==> flow/design.v <==
module cpu_sel_unit #(
   parameter XLEN = 8,
   parameter LANES = 16,
   parameter SEL_WIDTH = $clog2(LANES)
) (
   input wire clk_i,
   input wire RSTN,
   input wire enable,
   input wire [LANES*XLEN-1:0] d_in,
   input wire [SEL_WIDTH-1:0] choose_in,
   output wire [XLEN-1:0] y_out
);
   reg [LANES*XLEN-1:0] d_ff;
   always @(posedge clk_i or negedge RSTN) begin
      if (~RSTN) begin
         d_ff <= 0;
      end else if (enable) begin
         d_ff <= d_in;
      end
   end
   reg [SEL_WIDTH-1:0] choose_ff;
   always @(posedge clk_i or negedge RSTN) begin
      if (~RSTN) begin
         choose_ff <= 0;
      end else if (enable) begin
         choose_ff <= choose_in;
      end
   end
   wire [XLEN-1:0] node [1:2*LANES-1];
   genvar i;
   generate
      for (i = 0; i < LANES; i = i + 1) begin : row
         assign node[LANES+i] = d_ff[i*XLEN +: XLEN];
      end
      for (i = 1; i < LANES; i = i + 1) begin : g_bit
         assign node[i] = choose_ff[SEL_WIDTH - $clog2(i+1)] ? node[2*i+1] : node[2*i];
      end
   endgenerate
   assign y_out = node[1];
endmodule
# Reports on cpu_sel_unit
# The steps from the RTL of cpu_sel_unit to its reports follow in flow order.
# Line numbers count from 1 in the design file above.
# Operators: Yosys type, input widths -> output width; for muxes data width and select width s.
# Cell names lack the library's common part.
# The mark n/a stands for no value.
[design]
top_module = "cpu_sel_unit"
clock_port = "clk_i"
lib = "sky130hd"
pvt_corner = "tt_025C_1v80"

# Word level
# Source: Yosys, flattened and elaborated. Widths are those after wreduce; folded enables and synchronous resets count as part of the registers. Registers that Yosys merges into a memory's read port (data or address) are not register bits. Print and check cells do not count. Equal cells are merged and count once.
[bits]
input_bits = 135
output_inout_bits = 8
ff_bits = 132
word_cells = 17
[classes]
muxes = 15
[op_table]
columns = ["operator", "count"]
rows = [
  ["$mux 8", 15],
]

# Depth
# Depth = most cells in a row (Yosys ltp): at word level without a register or memory, in the mapped netlist without a sequential cell, where the memories' decode and read muxes count.
[depth]
depth_word = 4
ABC_AREA = 0
mapped_depth = 5
mapped_depth_nobuf = 3

# Netlist
# Source: synth_stat.txt of the flow (Yosys; design flattened, memories mapped). It holds for the ABC_AREA given above (unset counts as 0); a run with the other value may have another netlist.
# The area totals of this step are shown rounded.
[types]
columns = ["type", "count", "type_area_um2"]
rows = [
  ["dfrtp_1", 132, 3.3E+03],
  ["mux2_2", 132, 1.49E+03],
  ["mux4_1", 15, 394.128],
  ["mux4_2", 16, 360.346],
  ["a22oi_1", 16, 120.115],
  ["buf_2", 11, 55.053],
  ["buf_6", 3, 33.782],
  ["clkbuf_1", 8, 30.029],
  ["nand2_1", 8, 30.029],
  ["mux4_4", 1, 25.024],
  ["clkdlybuf4s25_2", 2, 20.019],
  ["and2b_1", 1, 7.507],
  ["buf_4", 1, 7.507],
  ["clkbuf_4", 1, 7.507],
  ["and2_1", 1, 6.256],
  ["nor2b_1", 1, 6.256],
  ["nor2_1", 1, 3.754],
]
[mapped]
area_um2 = 5900
ffs = 132
buf_cells = 26
mapped_cells = 350
seq_area_um2 = 3300

# Path before layout
# Path of least setup slack by OpenSTA after synthesis, without wires, with an ideal clock, recovery checks aside; 20% of the period is set as input and as output delay. Where synthesis merged equal registers, the netlist keeps one of their names.
[synth_path]
path_type = "reg-to-output"
startpoint = "register (name not given)"
endpoint = "output port y_out[5]"
tclk_ns = 2.22
delay_ns = 1.421
driving_pins = 6
arrival_time_ns = 1.421
n_path_buf = 2
t_required_ns = 1.776
launch_ns = 0.000
output_delay_ns = 0.444
path_slack_ns = 0.355
period_less_setup_slack_ns = 1.865
# "delay_ns" is the arrival time less input delay plus setup time.
# At an output port there is no setup time.
# "driving_pins" counts driving pins, that of a launching flip-flop among them; a cell with two outputs on the path counts twice.
# "period_less_setup_slack_ns" is the clock period less the worst setup slack; recovery checks do not enter. This is arithmetic on one report: input and output delays are still those of the set period (20% each).
# The rows between start and end are the longest chain of elaborated cells between them; the timing report does not say that the signal goes this way. Where chains are equally long, one stands for them.
# Each line given opens the expression or statement behind the cell; cells for indexed reads and writes are added by Yosys, which also makes memories of some case tables.
[synth_between]
path_cell_list = "dfrtp_1 buf_6 buf_6 mux4_1 a22oi_1 nand2_1"
elab_chain_cells = 4
cells_between = 15
lines_between = 1
cone_classes = "15 x mux"
[synth_rtl]
columns = ["element", "line_no", "source"]
rows = [
  ["from (decl)", 21, ""],
  ["from (assign)", 24, ""],
  ["from (assign)", 26, ""],
  ["$mux 8 x4", 36, ""],
  ["to (decl)", 11, "output wire [XLEN-1:0] y_out"],
]

# Worst path after layout
# From the final timing report of run 1: the path of least setup slack in the routed layout; clock arrival at registers is part of the times.
[layout_path]
path_type = "reg-to-output"
startpoint = "register (name not given)"
endpoint = "output port y_out[2]"
tclk_ns = 1.28
output_delay_ns = 0.26
path_slack_ns = -1.10
n_path_buf = 4
driving_pins = 8
t_required_ns = 1.02
launch_ns = 0.41
arrival_time_ns = 2.13
# The rows between start and end are the longest chain of elaborated cells between them; the timing report does not say that the signal goes this way. Where chains are equally long, one stands for them.
[layout_between]
path_cell_list = "dfrtp_2 buf_12 buf_16 mux4_2 a22oi_2 buf_4 nand2_2 buf_6"
elab_chain_cells = 4
cells_between = 15
lines_between = 1
cone_classes = "15 x mux"
[layout_rtl]
columns = ["element", "line_no", "source"]
rows = [
  ["from (decl)", 21, ""],
  ["from (assign)", 24, ""],
  ["from (assign)", 26, ""],
  ["$mux 8 x4", 36, ""],
  ["to (decl)", 11, "output wire [XLEN-1:0] y_out"],
]

# Stored flow runs of cpu_sel_unit (2 of them; Yosys, OpenROAD, sky130hd). They differ in their settings and are not a sequence. Constraints: input delay and output delay 20% of the set period each, output load 0.01 pF.
# By "achieved_clock_period_ns" is meant the clock period of the run minus its worst setup slack. This is arithmetic on one report: input and output delays are still those of the set period (20% each).
# "worst_setup_path_time_ns" means the part of the period allowed to the worst setup path (the constraints hold back 20% at inputs and 20% at outputs) less its slack; where the path has registers, the arrival times of their clocks count too.
# "power_total_mw": no workload was simulated; the value follows from the tool's default switching activity.
# Values from the reports are rounded here.

[[run]]
name = "run 1"
[run.settings]
period_ns = 1.28
CORE_UTILIZATION = 22
SETUP_SLACK_MARGIN = 0.21
PLACE_DENSITY_LB_ADDON = 0.27
CELL_PAD_IN_SITES_DETAIL_PLACEMENT = 2
TNS_END_PERCENT = 60
GPL_TIMING_DRIVEN = 1
CTS_CLUSTER_DIAMETER = 186
CAP_MARGIN = 15
MAX_ROUTING_LAYER = "met5"
CORE_MARGIN = 2
SLEW_MARGIN = 20
[run.results]
yosys_chip_area_um2 = 5900
die_footprint_um2 = 28100
layout_stdcell_area_um2 = 9140
fin_util_pct = 34.9
worst_setup_slack_ns = -1.10
tns_setup_ns = -8.62
power_total_mw = 12.2
achieved_clock_period_ns = 2.383
worst_setup_path_time_ns = 2.13
timing.worst_path_kind = "reg-to-output"

[[run]]
name = "run 2"
[run.settings]
period_ns = 2.22
CAP_MARGIN = 20
CORE_MARGIN = 2
CORE_UTILIZATION = 40
SLEW_MARGIN = 20
[run.results]
yosys_chip_area_um2 = 5900
die_footprint_um2 = 15700
layout_stdcell_area_um2 = 8230
fin_util_pct = 56.8
worst_setup_slack_ns = -0.327
tns_setup_ns = -2.26
power_total_mw = 6.71
achieved_clock_period_ns = 2.547
worst_setup_path_time_ns = 2.10
timing.worst_path_kind = "reg-to-output"
